==> flow/design.v <==
module mul_rtl #(
   parameter XLEN = 5
) (
   input wire aclk,
   input wire aresetn,
   input wire [XLEN-1:0] lhs,
   input wire [XLEN-1:0] rhs,
   input wire load,
   output wire [2*XLEN-1:0] mul,
   output wire fin
);
   localparam SEL_W = $clog2(XLEN + 1);
   reg [XLEN-1:0] mcand;
   reg [SEL_W-1:0] steps;
   reg [2*XLEN-1:0] run_sum;
   wire [XLEN:0] t = run_sum[2*XLEN-1:XLEN] + (run_sum[0] ? mcand : {XLEN{1'b0}});
   assign mul = run_sum;
   assign fin = (steps == 0);
   always @(posedge aclk or negedge aresetn) begin
      if (~aresetn) begin
         mcand <= 0;
         steps <= 0;
         run_sum <= 0;
      end else begin
         mcand <= load ? lhs : mcand;
         steps <= load ? XLEN : (steps != 0) ? steps - 1'b1 : steps;
         run_sum <= load ? {{XLEN{1'b0}}, rhs} : (steps != 0) ? {t, run_sum[XLEN-1:1]} : run_sum;
      end
   end
endmodule
**Reports on mul_rtl**

The steps from the RTL of mul_rtl to its reports follow in flow order.
Line numbers count from 1 in the design file above.
Operators carry their Yosys type and port widths (W data, S select, Z words).
Library cell names are shortened.
The mark n/a stands for no value.

- Design top: mul_rtl
- Clock port: aclk
- Library: sky130hd
- Library corner: tt_025C_1v80

**Word level**

Counts by Yosys on the flattened word-level netlist (proc, flatten, opt, wreduce; memories kept). Register bits leave out memories and registers merged into their read ports (data or address). Print and check cells are left out. Cells with the same type and inputs are merged into one.

- Add/sub/neg operators: 2
- Muxes and demuxes: 5
- Reductions and logical operators: 3

Operators with widths:

| operator | count |
|---|---|
| $mux W10 | 2 |
| $add A5 B5 Y6 | 1 |
| $mux W3 | 2 |
| $mux W5 | 1 |
| $sub A3 B1 Y3 const B | 1 |
| $logic_not A3 Y1 | 1 |
| $reduce_bool A3 Y1 | 1 |
| $reduce_bool A2 Y1 | 1 |

- Word-level cells: 13
- Output and inout port bits: 11
- Register bits: 18

**Depth**

Depth = most cells in a row (Yosys ltp): at word level without a register or memory, in the mapped netlist without a sequential cell, where the memories' decode and read muxes count.

- Depth in word-level cells: 4
- ABC_AREA: 0
- Depth in mapped cells: 8
- Gate-level depth less buffers: 6

**Netlist**

Source: synth_stat.txt of the flow (Yosys; design flattened, memories mapped). It holds for the ABC_AREA given above (unset counts as 0); a run with the other value may have another netlist.

Cell types:

| cell type | count |
|---|---|
| dfrtp_1 | 18 |
| ha_1 | 7 |
| mux2_2 | 5 |
| mux2i_1 | 5 |
| nand2_1 | 9 |
| and2_1 | 5 |
| a21oi_1 | 5 |
| o211ai_2 | 2 |
| o21ai_0 | 5 |
| a2111o_1 | 2 |
| nand3b_1 | 3 |
| buf_12 | 1 |
| fa_1 | 1 |
| xnor2_1 | 2 |
| a211oi_1 | 2 |
| a21o_1 | 2 |
| buf_8 | 1 |
| nand2b_4 | 1 |

Other cell types: 11; their cells: 16.

- Sequential area: 450.4 um2
- Standard cells after synthesis: 92
- Flip-flop cells: 18
- Chip area (Yosys): 1029.7 um2

**Worst setup path after synthesis**

Source: OpenSTA report_checks on the synthesized netlist (no wires, ideal clock, input and output delay 20% of the period each), path of least setup slack; recovery checks are left aside. Register names are those of the netlist, which keeps one name where synthesis merged equal registers.

- Kind: flip-flop to flip-flop
- Start point: register run_sum[0]
- End point: register run_sum[8]
- Data required time: 2.280 ns
- Launch time at the first pin: 0.000 ns
- Path slack: 0.469 ns
- Arrival time: 1.811 ns
- Library setup time: 0.080 ns
- Driving pins on the path: 7
- Period: 2.36 ns
- Buffers on the path: 0
- Path delay: 1.891 ns
- Synthesis period reached: 1.891 ns

"path delay" is the arrival time less input delay plus setup time.
"driving pins on the path": output pins that drive a net of the path, with the launching flip-flop's if there is one; two outputs of one cell count as two.
"synthesis period reached" = period - worst setup slack (recovery checks aside). The figure is calculated, with input and output delays left at 20% of the set period.
Between the ends stands the longest chain of elaborated cells between them, by number of cells; it is not shown to be the way that was timed. Of several equally long chains one is given.
Each line given opens the expression or statement behind the cell; cells for indexed reads and writes are added by Yosys, which also makes memories of some case tables.

- Cell sequence: dfrtp_1 > and2_1 > ha_1 > fa_1 > a21o_1 > a2111o_1 > o211ai_2
- Length of the longest elaborated chain: 4

RTL lines, path post-synthesis:

| item | line | source |
|---|---|---|
| start: declaration | 15 | `reg [2*XLEN-1:0] run_sum;` |
| start: assignment | 23 | `run_sum <= 0;` |
| start: assignment | 27 | `run_sum <= load ? {{XLEN{1'b0}}, rhs} : (steps != 0) ? {t, run_sum[XLEN-1:1]} : run_sum;` |
| $mux W5 | 16 | `wire [XLEN:0] t = run_sum[2*XLEN-1:XLEN] + (run_sum[0] ? mcand : {XLEN{1'b0}});` |
| $add A5 B5 Y6 | 16 |  |
| $mux W10 (2 in a row) | 27 |  |
| end: assignment | 23 |  |
| end: assignment | 27 |  |
| end: declaration | 15 |  |

**Path in the finished layout**

Path of least setup slack in the final report of entry A (OpenROAD, finished layout, wires in). Where an end is a register, its clock arrival counts in the times.

- Kind: flip-flop to flip-flop
- Start point: register run_sum[0]
- End point: register run_sum[8]
- Driving pins on the path: 7
- Library setup time: 0.07 ns
- Buffers on the path: 0
- Launch time at the first pin: 0.26 ns
- Data required time: 1.50 ns
- Period: 1.31 ns
- Path slack: -0.52 ns
- Arrival time: 2.02 ns

Between the ends stands the longest chain of elaborated cells between them, by number of cells; it is not shown to be the way that was timed. Of several equally long chains one is given.

- Cell sequence: dfrtp_1 > and2_4 > ha_4 > fa_2 > a21o_1 > a2111o_1 > o211ai_2
- Length of the longest elaborated chain: 4

RTL lines, path post-layout:

| item | line | source |
|---|---|---|
| start: declaration | 15 | `reg [2*XLEN-1:0] run_sum;` |
| start: assignment | 23 | `run_sum <= 0;` |
| start: assignment | 27 | `run_sum <= load ? {{XLEN{1'b0}}, rhs} : (steps != 0) ? {t, run_sum[XLEN-1:1]} : run_sum;` |
| $mux W5 | 16 | `wire [XLEN:0] t = run_sum[2*XLEN-1:XLEN] + (run_sum[0] ? mcand : {XLEN{1'b0}});` |
| $add A5 B5 Y6 | 16 |  |
| $mux W10 (2 in a row) | 27 |  |
| end: assignment | 23 |  |
| end: assignment | 27 |  |
| end: declaration | 15 |  |

Measured data: module mul_rtl, platform sky130hd, 3 stored runs of the flow under differing settings, order arbitrary. Input and output delays are each 20% of the period that was set; the output load is 0.01 pF.
"period achieved" is the run's clock period less its worst setup slack. It is reckoned from that one timing run; input and output delays stay at 20% of the period that was set.
"time used up by the worst setup path": the worst setup path's part of the clock period (all of it between registers, 20% less for each end at a port) less its slack. A launch clock that arrives late makes it longer, a capture clock that arrives late makes it shorter.
By "total power after layout" is meant OpenSTA's value without simulated activity: inputs other than the clock are taken to toggle once in ten clock periods, and the tool carries that through the logic.

### Entry A

Settings: `period_ns=1.31`, `CORE_UTILIZATION=25`, `PLACE_DENSITY=0.55`, `CELL_PAD_IN_SITES_DETAIL_PLACEMENT=2`, `GPL_TIMING_DRIVEN=1`, `GPL_ROUTABILITY_DRIVEN=1`, `CTS_CLUSTER_DIAMETER=27`, `CAP_MARGIN=5`, `CORE_MARGIN=2`, `SLEW_MARGIN=20`

- Die size: 4648.5 um2
- Time used up by the worst setup path: 1.83 ns
- Worst setup path kind: flip-flop to flip-flop
- Standard-cell area after routing: 1737.9 um2
- Period achieved: 1.827 ns
- Synthesis area: 1029.7 um2
- Worst setup slack after layout: -0.517 ns
- Total negative slack on setup checks: -2.197 ns
- Final design utilization: 0.438
- Total power after layout: 2014 uW

### Entry B

Settings: `period_ns=1.78`, `CORE_UTILIZATION=48`, `PLACE_DENSITY_LB_ADDON=0.28`, `CORE_MARGIN=2`, `GPL_TIMING_DRIVEN=1`, `GPL_ROUTABILITY_DRIVEN=1`, `CTS_CLUSTER_DIAMETER=233`, `SLEW_MARGIN=20`, `MIN_ROUTING_LAYER=met1`, `CAP_MARGIN=20`

- Die size: 2531.6 um2
- Time used up by the worst setup path: 1.78 ns
- Worst setup path kind: flip-flop to flip-flop
- Standard-cell area after routing: 1365.1 um2
- Period achieved: 1.779 ns
- Synthesis area: 1029.7 um2
- Worst setup slack after layout: 0.001 ns
- Total negative slack on setup checks: 0.000 ns
- Final design utilization: 0.682
- Total power after layout: 1104 uW

### Entry C

Settings: `period_ns=2.36`, `CAP_MARGIN=20`, `CORE_MARGIN=2`, `CORE_UTILIZATION=40`, `SLEW_MARGIN=20`

- Die size: 2995.9 um2
- Time used up by the worst setup path: 1.80 ns
- Worst setup path kind: flip-flop to output port
- Standard-cell area after routing: 1313.8 um2
- Period achieved: 2.275 ns
- Synthesis area: 1029.7 um2
- Worst setup slack after layout: 0.085 ns
- Total negative slack on setup checks: 0.000 ns
- Final design utilization: 0.535
- Total power after layout: 818.6 uW
